==> flow/design.v <==
module my_add_core_n #(
    parameter DATA_W = 12,
    parameter INPUTS = 5,
    parameter OW = DATA_W + $clog2(INPUTS)
) (
    input  clk,
    input  [INPUTS*DATA_W-1:0] d,
    output [OW-1:0] s
);
    reg [INPUTS*DATA_W-1:0] d_ff;
    wire [OW-1:0] tree [1:2*INPUTS-1];
    genvar i;
    generate
        for (i = 0; i < INPUTS; i = i + 1) begin : slice
            assign tree[INPUTS+i] = d_ff[i*DATA_W +: DATA_W];
        end
        for (i = 1; i < INPUTS; i = i + 1) begin : stage
            assign tree[i] = tree[2*i] + tree[2*i+1];
        end
    endgenerate
    reg [OW-1:0] s_ff;
    assign s = s_ff;
    always @(posedge clk) begin
        d_ff <= d;
        s_ff <= tree[1];
    end
endmodule
* Reports on my_add_core_n
The steps from the RTL of my_add_core_n to its reports follow in flow order.
Line numbers count from 1 in the design file above.
Operators carry their Yosys type and port widths (W data, S select, Z words).
Not given: n/a
- Design top :: my_add_core_n
- Clock port :: clk
- Standard-cell library :: sky130hd
- Library corner :: tt_025C_1v80

* Word-level counts
Source: Yosys, flattened and elaborated. Widths are those after wreduce; folded enables and synchronous resets count as part of the registers. Registers that Yosys merges into a memory's read port (data or address) are not register bits. Print and check cells do not count. Equal cells are merged and count once.
- Register bits after elaboration :: 75
- Input port bits :: 61
- Output and inout bits :: 15
- Cells after elaboration :: 6
- $add $sub $neg :: 4
** Operators with widths (count)
- $add A12 B12 Y13 :: 2
- $add A15 B12 Y15 :: 1
- $add A15 B15 Y15 :: 1

* Depth
Depth = most cells in a row (Yosys ltp): at word level without a register or memory, in the mapped netlist without a sequential cell, where the memories' decode and read muxes count.
- Depth in word-level cells :: 3
- ABC_AREA :: 0
- Depth in mapped cells :: 16
- Gate-level depth less buffers :: 16

* Mapped cells and area
The flow's flattened synthesis, as Yosys stat reports it; memories are mapped. The netlist is that of the ABC_AREA named above (0 if unset); the other value can give another one.
Totals and module areas in this step are rounded.
** Cell types (count)
- sky130_fd_sc_hd__dfxtp_1 :: 75
- sky130_fd_sc_hd__ha_1 :: 37
- sky130_fd_sc_hd__fa_1 :: 15
- sky130_fd_sc_hd__inv_1 :: 53
- sky130_fd_sc_hd__xor2_1 :: 13
- sky130_fd_sc_hd__xnor2_1 :: 12
- sky130_fd_sc_hd__a21oi_1 :: 20
- sky130_fd_sc_hd__o21ai_0 :: 12
- sky130_fd_sc_hd__o21bai_1 :: 8
- sky130_fd_sc_hd__nand3_1 :: 11
- sky130_fd_sc_hd__a21o_1 :: 7
- sky130_fd_sc_hd__nor3_1 :: 10
- sky130_fd_sc_hd__nand2_1 :: 11
- sky130_fd_sc_hd__nor2_1 :: 9
- sky130_fd_sc_hd__nand2b_1 :: 5
- sky130_fd_sc_hd__a2111oi_2 :: 2
- sky130_fd_sc_hd__a2111oi_4 :: 1
- sky130_fd_sc_hd__a2111oi_0 :: 3
Other cell types: 26; their cells: 50.
- Cells in the netlist :: 354
- Synthesis area :: 0.0037 mm^2
- Flip-flop cells :: 75

* Worst setup path after synthesis
OpenSTA on the mapped netlist: ideal clock, no wires. The path of least setup slack (recovery checks aside). Input and output delay are each 20% of the period. Register names are those of the netlist, which keeps one name where synthesis merged equal registers.
- Path kind :: register -> register
- Start point :: reg d_ff[12]
- End point :: reg s_ff[11]
- Clock period :: 4350 ps
- Setup time :: 63 ps
- Data arrival time :: 3415 ps
- Data required time :: 4287 ps
- Setup slack :: 872 ps
- Delay of the path :: 3478 ps
- Stages on the path :: 17
- Path buffers :: 0
- Synthesis period reached :: 3478 ps
"delay of the path" is the arrival time less input delay plus setup time.
"stages on the path": output pins that drive a net of the path, with the launching flip-flop's if there is one; two outputs of one cell count as two.
"synthesis period reached" = period - worst setup slack (recovery checks aside). The figure is calculated, with input and output delays left at 20% of the set period.
Between the ends stands the longest chain of elaborated cells between them, by number of cells; it is not shown to be the way that was timed. Of several equally long chains one is given.
A line is the first line of the expression or statement that the cell stems from. Yosys adds cells for indexed reads and writes and turns some case tables into memories.
- Path through :: sky130_fd_sc_hd__dfxtp_1 sky130_fd_sc_hd__ha_1 sky130_fd_sc_hd__inv_1 sky130_fd_sc_hd__fa_1 sky130_fd_sc_hd__nor2b_1 sky130_fd_sc_hd__o2111ai_1 sky130_fd_sc_hd__nand3_1 sky130_fd_sc_hd__nand2_1 sky130_fd_sc_hd__xor2_1 sky130_fd_sc_hd__fa_1 sky130_fd_sc_hd__inv_1 sky130_fd_sc_hd__ha_1 sky130_fd_sc_hd__or4_4 sky130_fd_sc_hd__o21ai_2 sky130_fd_sc_hd__a31oi_4 sky130_fd_sc_hd__a2111oi_4 sky130_fd_sc_hd__nand3b_1
- Cells in the longest elaborated chain :: 2
- Elaborated cells between the ends (all ways) :: 2
- Source lines of those cells :: 1
- Those cells by class :: 2 x add/sub
** RTL lines, path after synthesis
- from (decl) :: line 10 : reg [INPUTS*DATA_W-1:0] d_ff;
- from (assign) :: line 24 : d_ff <= d;
- $add A12 B12 Y13 :: line 18 : assign tree[i] = tree[2*i] + tree[2*i+1];
- $add A15 B15 Y15 :: line 18
- to (assign) :: line 25 : s_ff <= tree[1];
- to (decl) :: line 21 : reg [OW-1:0] s_ff;

* Worst path after layout
Path of least setup slack in the final report of entry A (OpenROAD, finished layout, wires in). Where an end is a register, its clock arrival counts in the times.
The path's times are printed in steps of 10 ps; the period is the one set.
- Path kind :: register -> register
- Start point :: reg d_ff[24]
- End point :: reg s_ff[11]
- Clock period :: 4350 ps
- Setup time :: 50 ps
- Data arrival time :: 4040 ps
- Data required time :: 4650 ps
- Setup slack :: 610 ps
- Stages on the path :: 17
- Path buffers :: 0
Between the ends stands the longest chain of elaborated cells between them, by number of cells; it is not shown to be the way that was timed. Of several equally long chains one is given.
- Path through :: sky130_fd_sc_hd__dfxtp_1 sky130_fd_sc_hd__ha_1 sky130_fd_sc_hd__inv_1 sky130_fd_sc_hd__fa_1 sky130_fd_sc_hd__nor2b_1 sky130_fd_sc_hd__o2111ai_1 sky130_fd_sc_hd__nand3_1 sky130_fd_sc_hd__nand2_1 sky130_fd_sc_hd__xor2_1 sky130_fd_sc_hd__fa_1 sky130_fd_sc_hd__inv_1 sky130_fd_sc_hd__ha_1 sky130_fd_sc_hd__or4_4 sky130_fd_sc_hd__o21ai_2 sky130_fd_sc_hd__a31oi_4 sky130_fd_sc_hd__a2111oi_4 sky130_fd_sc_hd__nand3b_1
- Cells in the longest elaborated chain :: 2
- Elaborated cells between the ends (all ways) :: 2
- Source lines of those cells :: 1
- Those cells by class :: 2 x add/sub
** RTL lines, path post-layout
- from (decl) :: line 10 : reg [INPUTS*DATA_W-1:0] d_ff;
- from (assign) :: line 24 : d_ff <= d;
- $add A12 B12 Y13 :: line 18 : assign tree[i] = tree[2*i] + tree[2*i+1];
- $add A15 B15 Y15 :: line 18
- to (assign) :: line 25 : s_ff <= tree[1];
- to (decl) :: line 21 : reg [OW-1:0] s_ff;

FLOW RESULTS
============

Design my_add_core_n on sky130hd. What follows are 3 stored runs of the flow, each under its own settings; their order means nothing. The constraints put input and output delay at 20% of the set period each and load the outputs with 0.01 pF.
"period reached" is the run's clock period less its worst setup slack. It is reckoned from that one timing run; input and output delays stay at 20% of the period that was set.
By "critical setup path time" is meant the share of the clock period that the worst setup path is allowed (20% is reserved at inputs, 20% at outputs), minus its slack. Clock arrival times at its registers enter into it.
"total power of the final layout": no workload was simulated; the value follows from the tool's default switching activity.
"critical setup path time" is known to 10 ps.
The results are shown rounded.

** Entry A
- Settings :: period_ns=4.35; CAP_MARGIN=20; CORE_MARGIN=2; CORE_UTILIZATION=40; SLEW_MARGIN=20
- Synthesized cell area :: 0.0037 mm^2
- Die footprint :: 0.0099 mm^2
- Standard-cell area after routing :: 0.0047 mm^2
- Utilization of the finished layout :: 54 %
- Setup slack of the worst path :: 610 ps
- Summed negative setup slack :: 0 ps
- Worst-case hold slack :: 600 ps
- Total power of the final layout :: 0.0024 W
- Period reached :: 3745 ps
- Critical setup path time :: 3740 ps
- Worst path kind :: register -> register

** Entry B
- Settings :: period_ns=4.47; CORE_UTILIZATION=46; SETUP_SLACK_MARGIN=1.0; CORE_MARGIN=6; CELL_PAD_IN_SITES_DETAIL_PLACEMENT=1; TNS_END_PERCENT=55; ABC_AREA=1; CTS_CLUSTER_DIAMETER=236; MIN_ROUTING_LAYER=met1; MAX_ROUTING_LAYER=met4; CAP_MARGIN=20; SLEW_MARGIN=20
- Synthesized cell area :: 0.0039 mm^2
- Die footprint :: 0.011 mm^2
- Standard-cell area after routing :: 0.005 mm^2
- Utilization of the finished layout :: 61 %
- Setup slack of the worst path :: 1200 ps
- Summed negative setup slack :: 0 ps
- Worst-case hold slack :: 610 ps
- Total power of the final layout :: 0.0025 W
- Period reached :: 3253 ps
- Critical setup path time :: 3250 ps
- Worst path kind :: register -> register

** Entry C
- Settings :: period_ns=5.31; CORE_UTILIZATION=27; SETUP_SLACK_MARGIN=-0.08; PLACE_DENSITY_LB_ADDON=0.03; CELL_PAD_IN_SITES_GLOBAL_PLACEMENT=1; CTS_CLUSTER_DIAMETER=108; CAP_MARGIN=25; SLEW_MARGIN=20; MAX_ROUTING_LAYER=met5; CORE_MARGIN=2
- Synthesized cell area :: 0.0037 mm^2
- Die footprint :: 0.014 mm^2
- Standard-cell area after routing :: 0.0049 mm^2
- Utilization of the finished layout :: 37 %
- Setup slack of the worst path :: 1500 ps
- Summed negative setup slack :: 0 ps
- Worst-case hold slack :: 590 ps
- Total power of the final layout :: 0.0021 W
- Period reached :: 3815 ps
- Critical setup path time :: 3810 ps
- Worst path kind :: register -> register
